==> flow/design.v <==
module muxn (aclk, RST, in_din, in_idx, out_res);
  parameter DATA_WIDTH = 32;
  parameter WAYS = 8;
  localparam LOGN = $clog2(WAYS);
  input aclk;
  input RST;
  input [WAYS*DATA_WIDTH-1:0] in_din;
  input [LOGN-1:0] in_idx;
  output reg [DATA_WIDTH-1:0] out_res;
  reg [WAYS*DATA_WIDTH-1:0] din_q;
  reg [LOGN-1:0] idx_q;
  always @(posedge aclk) begin
    if (RST) begin
      din_q <= 0;
      idx_q <= 0;
    end else begin
      din_q <= in_din;
      idx_q <= in_idx;
    end
  end
  localparam LO_W = WAYS / 2;
  reg [DATA_WIDTH-1:0] lo_q;
  reg [DATA_WIDTH-1:0] msb_q;
  reg idx_q_d;
  always @(posedge aclk) begin
    if (RST) begin
      lo_q <= 0;
      msb_q <= 0;
      idx_q_d <= 1'b0;
      out_res <= 0;
    end else begin
      lo_q <= din_q[idx_q[LOGN-2:0]*DATA_WIDTH +: DATA_WIDTH];
      msb_q <= din_q[(LO_W + idx_q[LOGN-2:0])*DATA_WIDTH +: DATA_WIDTH];
      idx_q_d <= idx_q[LOGN-1];
      out_res <= idx_q_d ? msb_q : lo_q;
    end
  end
endmodule
== Step by step through the tools: muxn ==
The steps from the RTL of muxn to its reports follow in flow order.
Lines are those of the file above, counted from 1.
Operators carry their Yosys type and port widths (W data, S select, Z words).
Library cell names are shortened.
The mark - stands for no value.
Inputs
  design top: muxn
  clock: aclk
  standard-cell library: sky130hd
  corner: tt_025C_1v80

== Word level ==
Counts by Yosys on the flattened word-level netlist (proc, flatten, opt, wreduce; memories kept). Register bits leave out memories and registers merged into their read ports (data or address); mux counts leave out enables and synchronous resets folded into registers. Print and check cells are left out. Cells with the same type and inputs are merged into one.
Storage and ports
  register bits after elaboration: 356
  input bits: 261
  output and inout port bits: 32
Operators by class
  $add $sub $neg: 1
  shift operators: 2
  mux-type cells: 1
Operators by type and width (count)
  $shiftx A256 B10 Y32: 1
  $shiftx A256 B8 Y32: 1
  $mux W32: 1
  $add A3 B2 Y4 const A: 1

== Depth ==
Depth = most cells in a row (Yosys ltp): at word level without a register or memory, in the mapped netlist without a sequential cell, where the memories' decode and read muxes count.
Logic depth
  depth in word-level cells: 2
  ABC_AREA: 0
  gate-level depth with buffers: 4
  depth with buffers taken out: 2

== Netlist ==
Source: synth_stat.txt of the flow (Yosys; design flattened, memories mapped). It holds for the ABC_AREA given above (unset counts as 0); a run with the other value may have another netlist.
The area totals of this step are shown rounded.
Mapped netlist
  standard cells after synthesis: 938
  mapped area: 11000 um^2
  area of sequential cells: 7100 um^2
  mapped flip-flops: 356
  buffer cells: 64
Cell types
  dfxtp_1: count 356, total area 7.13E+03 um^2
  nor2b_1: count 260, total area 1626.56 um^2
  mux2i_1: count 160, total area 1.6E+03 um^2
  o22ai_1: count 54, total area 337.824 um^2
  buf_4: count 18, total area 135.13 um^2
  buf_2: count 25, total area 125.12 um^2
  o22ai_2: count 10, total area 125.12 um^2
  nor2_1: count 32, total area 120.115 um^2
  buf_6: count 6, total area 67.565 um^2
  clkbuf_1: count 15, total area 56.304 um^2
  nand2b_1: count 1, total area 6.256 um^2
  or2_1: count 1, total area 6.256 um^2

== Timing after synthesis ==
OpenSTA on the mapped netlist: ideal clock, no wires. The path of least setup slack (recovery checks aside). Input and output delay are each 20% of the period. Register names are those of the netlist, which keeps one name where synthesis merged equal registers.
Timing path after synthesis
  path kind: register -> register
  start point: reg idx_q[1]
  end point: reg msb_q[10]
  clock period: 1.41 ns
  library setup time: 0.126 ns
  time at the first pin: 0.000 ns
  data arrival time: 0.998 ns
  required time: 1.284 ns
  path slack: 0.286 ns
  path delay: 1.124 ns
  stages on the path: 5
  path buffers: 2
  period reached after synthesis: 1.124 ns
"path delay" = arrival - input delay + setup time.
"stages on the path" counts driving pins, that of a launching flip-flop among them; a cell with two outputs on the path counts twice.
"period reached after synthesis" = period - worst setup slack (recovery checks aside). The figure is calculated, with input and output delays left at 20% of the set period.
Between the ends stands the longest chain of elaborated cells between them, by number of cells; it is not shown to be the way that was timed. Of several equally long chains one is given.
A line is the first line of the expression or statement that the cell stems from. Yosys adds cells for indexed reads and writes and turns some case tables into memories.
Between the ends, after synthesis
  path through: dfxtp_1 > buf_4 > buf_4 > mux2i_1 > o22ai_2
  cells in the longest elaborated chain: 2
Ends and longest elaborated chain, after synthesis
  start: declaration: RTL line 11  | reg [LOGN-1:0] idx_q;
  start: assignment: RTL line 15  | idx_q <= 0;
  start: assignment: RTL line 18  | idx_q <= in_idx;
  $add A3 B2 Y4: RTL line 33  | msb_q <= din_q[(LO_W + idx_q[LOGN-2:0])*DATA_WIDTH +: DATA_WIDTH];
  $shiftx A256 B10 Y32: RTL line 33
  end: assignment: RTL line 28  | msb_q <= 0;
  end: assignment: RTL line 33
  end: declaration: RTL line 23  | reg [DATA_WIDTH-1:0] msb_q;

== Worst path after layout ==
From the final timing report of run 1: the path of least setup slack in the routed layout; clock arrival at registers is part of the times.
Timing path after layout
  path kind: register -> register
  start point: reg idx_q[1]
  end point: reg lo_q[29]
  clock period: 1.28 ns
  library setup time: 0.10 ns
  time at the first pin: 0.51 ns
  data arrival time: 1.67 ns
  required time: 1.67 ns
  path slack: 0.01 ns
  stages on the path: 5
  path buffers: 2
Between the ends stands the longest chain of elaborated cells between them, by number of cells; it is not shown to be the way that was timed. Of several equally long chains one is given.
Between the ends, after layout
  path through: dfxtp_4 > clkbuf_16 > buf_12 > mux2i_4 > o22ai_2
  cells in the longest elaborated chain: 1
Ends and longest elaborated chain, after layout
  start: declaration: RTL line 11  | reg [LOGN-1:0] idx_q;
  start: assignment: RTL line 15  | idx_q <= 0;
  start: assignment: RTL line 18  | idx_q <= in_idx;
  $shiftx A256 B8 Y32: RTL line 32  | lo_q <= din_q[idx_q[LOGN-2:0]*DATA_WIDTH +: DATA_WIDTH];
  end: assignment: RTL line 27  | lo_q <= 0;
  end: assignment: RTL line 32
  end: declaration: RTL line 22  | reg [DATA_WIDTH-1:0] lo_q;

Wiki page: muxn / flow data

Module muxn, platform sky130hd: 3 stored runs of the flow (Yosys, OpenROAD) with differing settings, in no particular order. Input and output delays are each 20% of the period that was set; the output load is 0.01 pF.
By "achieved clock period" is meant the clock period of the run minus its worst setup slack. This is arithmetic on one report: input and output delays are still those of the set period (20% each).
"power" is the tool's figure for a default switching activity; nothing was simulated.
Results are given in rounded form.
[run 1] settings: period_ns=1.28, CORE_UTILIZATION=35, SETUP_SLACK_MARGIN=0.29, PLACE_DENSITY_LB_ADDON=0.1, CORE_MARGIN=7, CELL_PAD_IN_SITES_DETAIL_PLACEMENT=2, TNS_END_PERCENT=50, ABC_AREA=0, GPL_TIMING_DRIVEN=0, CTS_CLUSTER_SIZE=36, CTS_CLUSTER_DIAMETER=277, CAP_MARGIN=20, SLEW_MARGIN=20
[run 1] result: chip area after synthesis (Yosys) 11000 um^2, die area 38000 um^2, standard-cell area of the final layout 16000 um^2, utilization 0.5, worst setup slack after layout 0.010 ns, worst hold slack 0.29 ns, power 20 mW, achieved clock period 1.270 ns
[run 2] settings: period_ns=1.54, CORE_UTILIZATION=16, PLACE_DENSITY=0.41, CORE_MARGIN=8, CELL_PAD_IN_SITES_DETAIL_PLACEMENT=2, TNS_END_PERCENT=80, ABC_AREA=1, GPL_TIMING_DRIVEN=0, GPL_ROUTABILITY_DRIVEN=0, CTS_CLUSTER_SIZE=96, CTS_CLUSTER_DIAMETER=112, CAP_MARGIN=40, SLEW_MARGIN=10
[run 2] result: chip area after synthesis (Yosys) 13000 um^2, die area 89000 um^2, standard-cell area of the final layout 18000 um^2, utilization 0.23, worst setup slack after layout 0.062 ns, worst hold slack 0.24 ns, power 19 mW, achieved clock period 1.478 ns
[run 3] settings: period_ns=1.41, CAP_MARGIN=20, CORE_MARGIN=2, CORE_UTILIZATION=40, SLEW_MARGIN=20
[run 3] result: chip area after synthesis (Yosys) 11000 um^2, die area 30000 um^2, standard-cell area of the final layout 16000 um^2, utilization 0.57, worst setup slack after layout 0.024 ns, worst hold slack 0.26 ns, power 22 mW, achieved clock period 1.386 ns
